==> flow/design.v <==
module sync_switch_stage #(
  parameter integer DWIDTH = 24,
  parameter integer NUM = 6
) (
  input wire sys_clk,
  input wire RSTN,
  input wire [NUM*DWIDTH-1:0] val,
  input wire [NUM-1:0] addr,
  output reg [DWIDTH-1:0] z_o
);
  reg [NUM*DWIDTH-1:0] val_d1;
  reg [NUM-1:0] addr_d1;
  always @(posedge sys_clk) begin
    if (~RSTN) begin
      val_d1 <= 0;
      addr_d1 <= 0;
    end else begin
      val_d1 <= val;
      addr_d1 <= addr;
    end
  end
  reg [DWIDTH-1:0] tmp;
  integer i;
  always @(*) begin
    tmp = 0;
    for (i = NUM-1; i >= 0; i = i - 1)
      if (addr_d1[i]) tmp = val_d1[i*DWIDTH +: DWIDTH];
  end
  always @(posedge sys_clk) begin
    if (~RSTN) begin
      z_o <= 0;
    end else begin
      z_o <= tmp;
    end
  end
endmodule
## Step by step through the tools: sync_switch_stage

What the tools print for sync_switch_stage, step after step.
Lines are those of the file above, counted from 1.
Library cell names are shortened.
The mark -- stands for no value.

| design | value |
|---|---|
| top module | sync_switch_stage |
| clock port | sys_clk |
| library | sky130hd |
| timing corner | tt_025C_1v80 |

## Word-level counts

Counts by Yosys on the flattened word-level netlist (proc, flatten, opt, wreduce; memories kept). Register bits leave out memories and registers merged into their read ports (data or address); mux counts leave out enables and synchronous resets folded into registers. Print and check cells are left out. Cells with the same type and inputs are merged into one.

| operators by class | value |
|---|---|
| multiplexer cells | 6 |
| reductions and logical operators | 0 |
| multipliers | 0 |
| equal/unequal tests | 0 |
| bitwise gates (word level) | 0 |
| shift-type cells | 0 |
| $add $sub $neg | 0 |
| div/mod/pow operators | 0 |
| $lt $le $gt $ge | 0 |

Operators with widths:

| kind | number |
|---|---|
| 24-bit 2-to-1 mux | 6 |

| bit counts | value |
|---|---|
| word-level cells | 9 |
| ROM bits | 0 |
| input bits | 152 |
| output and inout port bits | 24 |
| memories kept | 0 |
| RAM bits | 0 |
| latch bits | 0 |
| word width x clocked read ports | 0 |
| register bits | 174 |

## Longest topological paths

Longest topological path by Yosys (ltp), each cell counted once; first at word level (registers and memories cut), then after technology mapping (sequential cells cut; the memories' decode and read muxes count).

| depth | value |
|---|---|
| word-level depth | 6 |
| ABC_AREA | 0 |
| mapped depth | 6 |

## Mapped cells and area

Yosys stat after the flow's synthesis: flattened, memories mapped to cells. It holds for the ABC_AREA given above (unset counts as 0); a run with the other value may have another netlist.
Totals and module areas in this step are rounded.

| synthesis totals | value |
|---|---|
| sequential area | 3480 sq um |
| cell count | 540 |
| buffer cells | 44 |
| mapped area | 5720 sq um |
| flip-flops | 174 |

Cells by type:

| cell | number | total area (sq um) |
|---|---|---|
| dfxtp_1 | 174 | 3.48E+03 |
| and2_1 | 150 | 938.4 |
| a21oi_1 | 48 | 240.23 |
| a221o_1 | 23 | 230.221 |
| a221oi_1 | 24 | 210.202 |
| nand3b_1 | 24 | 180.173 |
| clkbuf_1 | 34 | 127.622 |
| o21ai_0 | 24 | 120.115 |
| inv_1 | 25 | 93.84 |
| buf_6 | 4 | 45.043 |
| buf_2 | 4 | 20.019 |
| o221a_2 | 1 | 11.261 |
| buf_1 | 2 | 7.507 |
| nor2b_1 | 1 | 6.256 |
| or2_1 | 1 | 6.256 |
| nand2_1 | 1 | 3.754 |

## Worst setup path after synthesis

OpenSTA on the mapped netlist: ideal clock, no wires. The path of least setup slack (recovery checks aside). Input and output delay are each 20% of the period. Register names are those of the netlist, which keeps one name where synthesis merged equal registers.

| timing path after synthesis | value |
|---|---|
| kind | register to register |
| start point | reg addr_d1[1] |
| end point | reg z_o[2] |
| clock period | 1.62 ns |
| data arrival time | 1.227 ns |
| required time | 1.550 ns |
| setup time | 0.070 ns |
| delay of the path | 1.297 ns |
| stages | 7 |
| slack | 0.323 ns |
| period reached after synthesis | 1.297 ns |

"delay of the path" is the arrival time less input delay plus setup time.
"stages" counts driving pins, that of a launching flip-flop among them; a cell with two outputs on the path counts twice.
"period reached after synthesis" = period - worst setup slack (recovery checks aside). The figure is calculated, with input and output delays left at 20% of the set period.
The rows between start and end are the longest chain of elaborated cells between them; the timing report does not say that the signal goes this way. Where chains are equally long, one stands for them.
Each line given opens the expression or statement behind the cell; cells for indexed reads and writes are added by Yosys, which also makes memories of some case tables.

| on the way, after synthesis | value |
|---|---|
| cell sequence | dfxtp_1 > buf_6 > or2_1 > buf_6 > buf_6 > a221o_1 > a21oi_1 |
| length of the longest elaborated chain | 2 |
| elaborated cells on any way between the ends | 2 |
| RTL lines with such cells | 1 |
| classes of those cells | 2 x mux |

RTL lines, path after synthesis:

| element | line | text |
|---|---|---|
| start: declaration | 12 | `reg [NUM-1:0] addr_d1;` |
| start: assignment | 16 | `addr_d1 <= 0;` |
| start: assignment | 19 | `addr_d1 <= addr;` |
| 24-bit 2-to-1 mux (2 in a row) | 27 | `if (addr_d1[i]) tmp = val_d1[i*DWIDTH +: DWIDTH];` |
| end: assignment | 31 | `z_o <= 0;` |
| end: assignment | 33 | `z_o <= tmp;` |
| end: declaration | 9 | `output reg [DWIDTH-1:0] z_o` |

## Worst path after layout

From the final timing report of job 2: the path of least setup slack in the routed layout; clock arrival at registers is part of the times.

| timing path post-layout | value |
|---|---|
| kind | register to register |
| start point | reg addr_d1[1] |
| end point | reg z_o[16] |
| required time | 1.96 ns |
| stages | 6 |
| setup time | 0.07 ns |
| slack | 0.03 ns |
| clock period | 1.62 ns |
| data arrival time | 1.93 ns |

The rows between start and end are the longest chain of elaborated cells between them; the timing report does not say that the signal goes this way. Where chains are equally long, one stands for them.

| on the way, post-layout | value |
|---|---|
| cell sequence | dfxtp_1 > buf_4 > or2_1 > buf_6 > a221o_1 > a21oi_2 |
| length of the longest elaborated chain | 2 |
| elaborated cells on any way between the ends | 2 |
| RTL lines with such cells | 1 |
| classes of those cells | 2 x mux |

RTL lines, path post-layout:

| element | line | text |
|---|---|---|
| start: declaration | 12 | `reg [NUM-1:0] addr_d1;` |
| start: assignment | 16 | `addr_d1 <= 0;` |
| start: assignment | 19 | `addr_d1 <= addr;` |
| 24-bit 2-to-1 mux (2 in a row) | 27 | `if (addr_d1[i]) tmp = val_d1[i*DWIDTH +: DWIDTH];` |
| end: assignment | 31 | `z_o <= 0;` |
| end: assignment | 33 | `z_o <= tmp;` |
| end: declaration | 9 | `output reg [DWIDTH-1:0] z_o` |

Data sheet: physical implementation of sync_switch_stage

Module sync_switch_stage, platform sky130hd: 3 stored runs of the flow (Yosys, OpenROAD) with differing settings, in no particular order. Input and output delays are each 20% of the period that was set; the output load is 0.01 pF.
"achieved clock period": clock period set for the run, less the worst setup slack. It is reckoned from that one timing run; input and output delays stay at 20% of the period that was set.
"time of the worst setup path" = time allowed to the worst setup path (clock period - input delay - output delay, where it has them) - its slack; a late launch clock adds to it, a late capture clock takes from it.
"total power of the final layout" is the tool's figure for a default switching activity; nothing was simulated.
The measured numbers are rounded.

## Job 1

==> flow/run.sh <==
#!/bin/bash
# the make line also repeats the synthesis and layout settings of config.mk as NAME=value (left out here)
make -C /OpenROAD-flow-scripts/flow DESIGN_CONFIG=/design/flow/config.mk WORK_HOME=/design/flow/orfs CLKGATE_MAP_FILE= finish
==> flow/config.mk <==
export PLATFORM = sky130hd
export DESIGN_NAME = sync_switch_stage
export DESIGN_NICKNAME = sync_switch_stage
export VERILOG_FILES = /design/flow/design.v
export SDC_FILE = /design/flow/constraint.sdc
export NUM_CORES = 4
export LEC_CHECK = 0
export ABC_AREA = 0
export CAP_MARGIN = 20
export CELL_PAD_IN_SITES_DETAIL_PLACEMENT = 2
export CELL_PAD_IN_SITES_GLOBAL_PLACEMENT = 2
export CORE_ASPECT_RATIO = 1.37
export CORE_MARGIN = 3
export CORE_UTILIZATION = 60
export CTS_CLUSTER_SIZE = 99
export GPL_ROUTABILITY_DRIVEN = 0
export MAX_ROUTING_LAYER = met4
export MIN_ROUTING_LAYER = met2
export PLACE_DENSITY = 0.85
export SLEW_MARGIN = 20
==> flow/constraint.sdc <==
create_clock -name core_clock -period 1.01 [get_ports {sys_clk}]
set_input_delay 0.2020 -clock core_clock [delete_from_list [all_inputs] [get_ports {sys_clk}]]
set_output_delay 0.2020 -clock core_clock [all_outputs]
set_load 0.01 [all_outputs]

Job 1: unfinished; error GPL-0301 in placement

## Job 2

==> flow/run.sh <==
#!/bin/bash
# the make line also repeats the synthesis and layout settings of config.mk as NAME=value (left out here)
make -C /OpenROAD-flow-scripts/flow DESIGN_CONFIG=/design/flow/config.mk WORK_HOME=/design/flow/orfs CLKGATE_MAP_FILE= finish
==> flow/config.mk <==
export PLATFORM = sky130hd
export DESIGN_NAME = sync_switch_stage
export DESIGN_NICKNAME = sync_switch_stage
export VERILOG_FILES = /design/flow/design.v
export SDC_FILE = /design/flow/constraint.sdc
export NUM_CORES = 4
export LEC_CHECK = 0
export CAP_MARGIN = 20
export CORE_MARGIN = 2
export CORE_UTILIZATION = 40
export SLEW_MARGIN = 20
==> flow/constraint.sdc <==
create_clock -name core_clock -period 1.62 [get_ports {sys_clk}]
set_input_delay 0.3240 -clock core_clock [delete_from_list [all_inputs] [get_ports {sys_clk}]]
set_output_delay 0.3240 -clock core_clock [all_outputs]
set_load 0.01 [all_outputs]

| result of job 2 | value |
|---|---|
| time of the worst setup path | 1.59 ns |
| critical path kind | register to register |
| post-route setup TNS | 0.000 ns |
| setup slack of the critical path | 0.034 ns |
| synthesized cell area | 5720 sq um |
| full die area | 15300 sq um |
| total power of the final layout | 9.36 mW |
| achieved clock period | 1.586 ns |
| standard-cell area after layout | 8230 sq um |
| post-route utilization | 59.1 % |
| worst hold slack | 0.368 ns |

## Job 3

==> flow/run.sh <==
#!/bin/bash
# the make line also repeats the synthesis and layout settings of config.mk as NAME=value (left out here)
make -C /OpenROAD-flow-scripts/flow DESIGN_CONFIG=/design/flow/config.mk WORK_HOME=/design/flow/orfs CLKGATE_MAP_FILE= finish
==> flow/config.mk <==
export PLATFORM = sky130hd
export DESIGN_NAME = sync_switch_stage
export DESIGN_NICKNAME = sync_switch_stage
export VERILOG_FILES = /design/flow/design.v
export SDC_FILE = /design/flow/constraint.sdc
export NUM_CORES = 4
export LEC_CHECK = 0
export ABC_AREA = 1
export CAP_MARGIN = 5
export CELL_PAD_IN_SITES_DETAIL_PLACEMENT = 1
export CORE_MARGIN = 2
export CORE_UTILIZATION = 53
export CTS_CLUSTER_DIAMETER = 152
export GPL_TIMING_DRIVEN = 1
export PLACE_DENSITY_LB_ADDON = 0.16
export SLEW_MARGIN = 20
export TNS_END_PERCENT = 65
==> flow/constraint.sdc <==
create_clock -name core_clock -period 1.42 [get_ports {sys_clk}]
set_input_delay 0.2840 -clock core_clock [delete_from_list [all_inputs] [get_ports {sys_clk}]]
set_output_delay 0.2840 -clock core_clock [all_outputs]
set_load 0.01 [all_outputs]

Job 3: unfinished; error DPL-0033 in placement
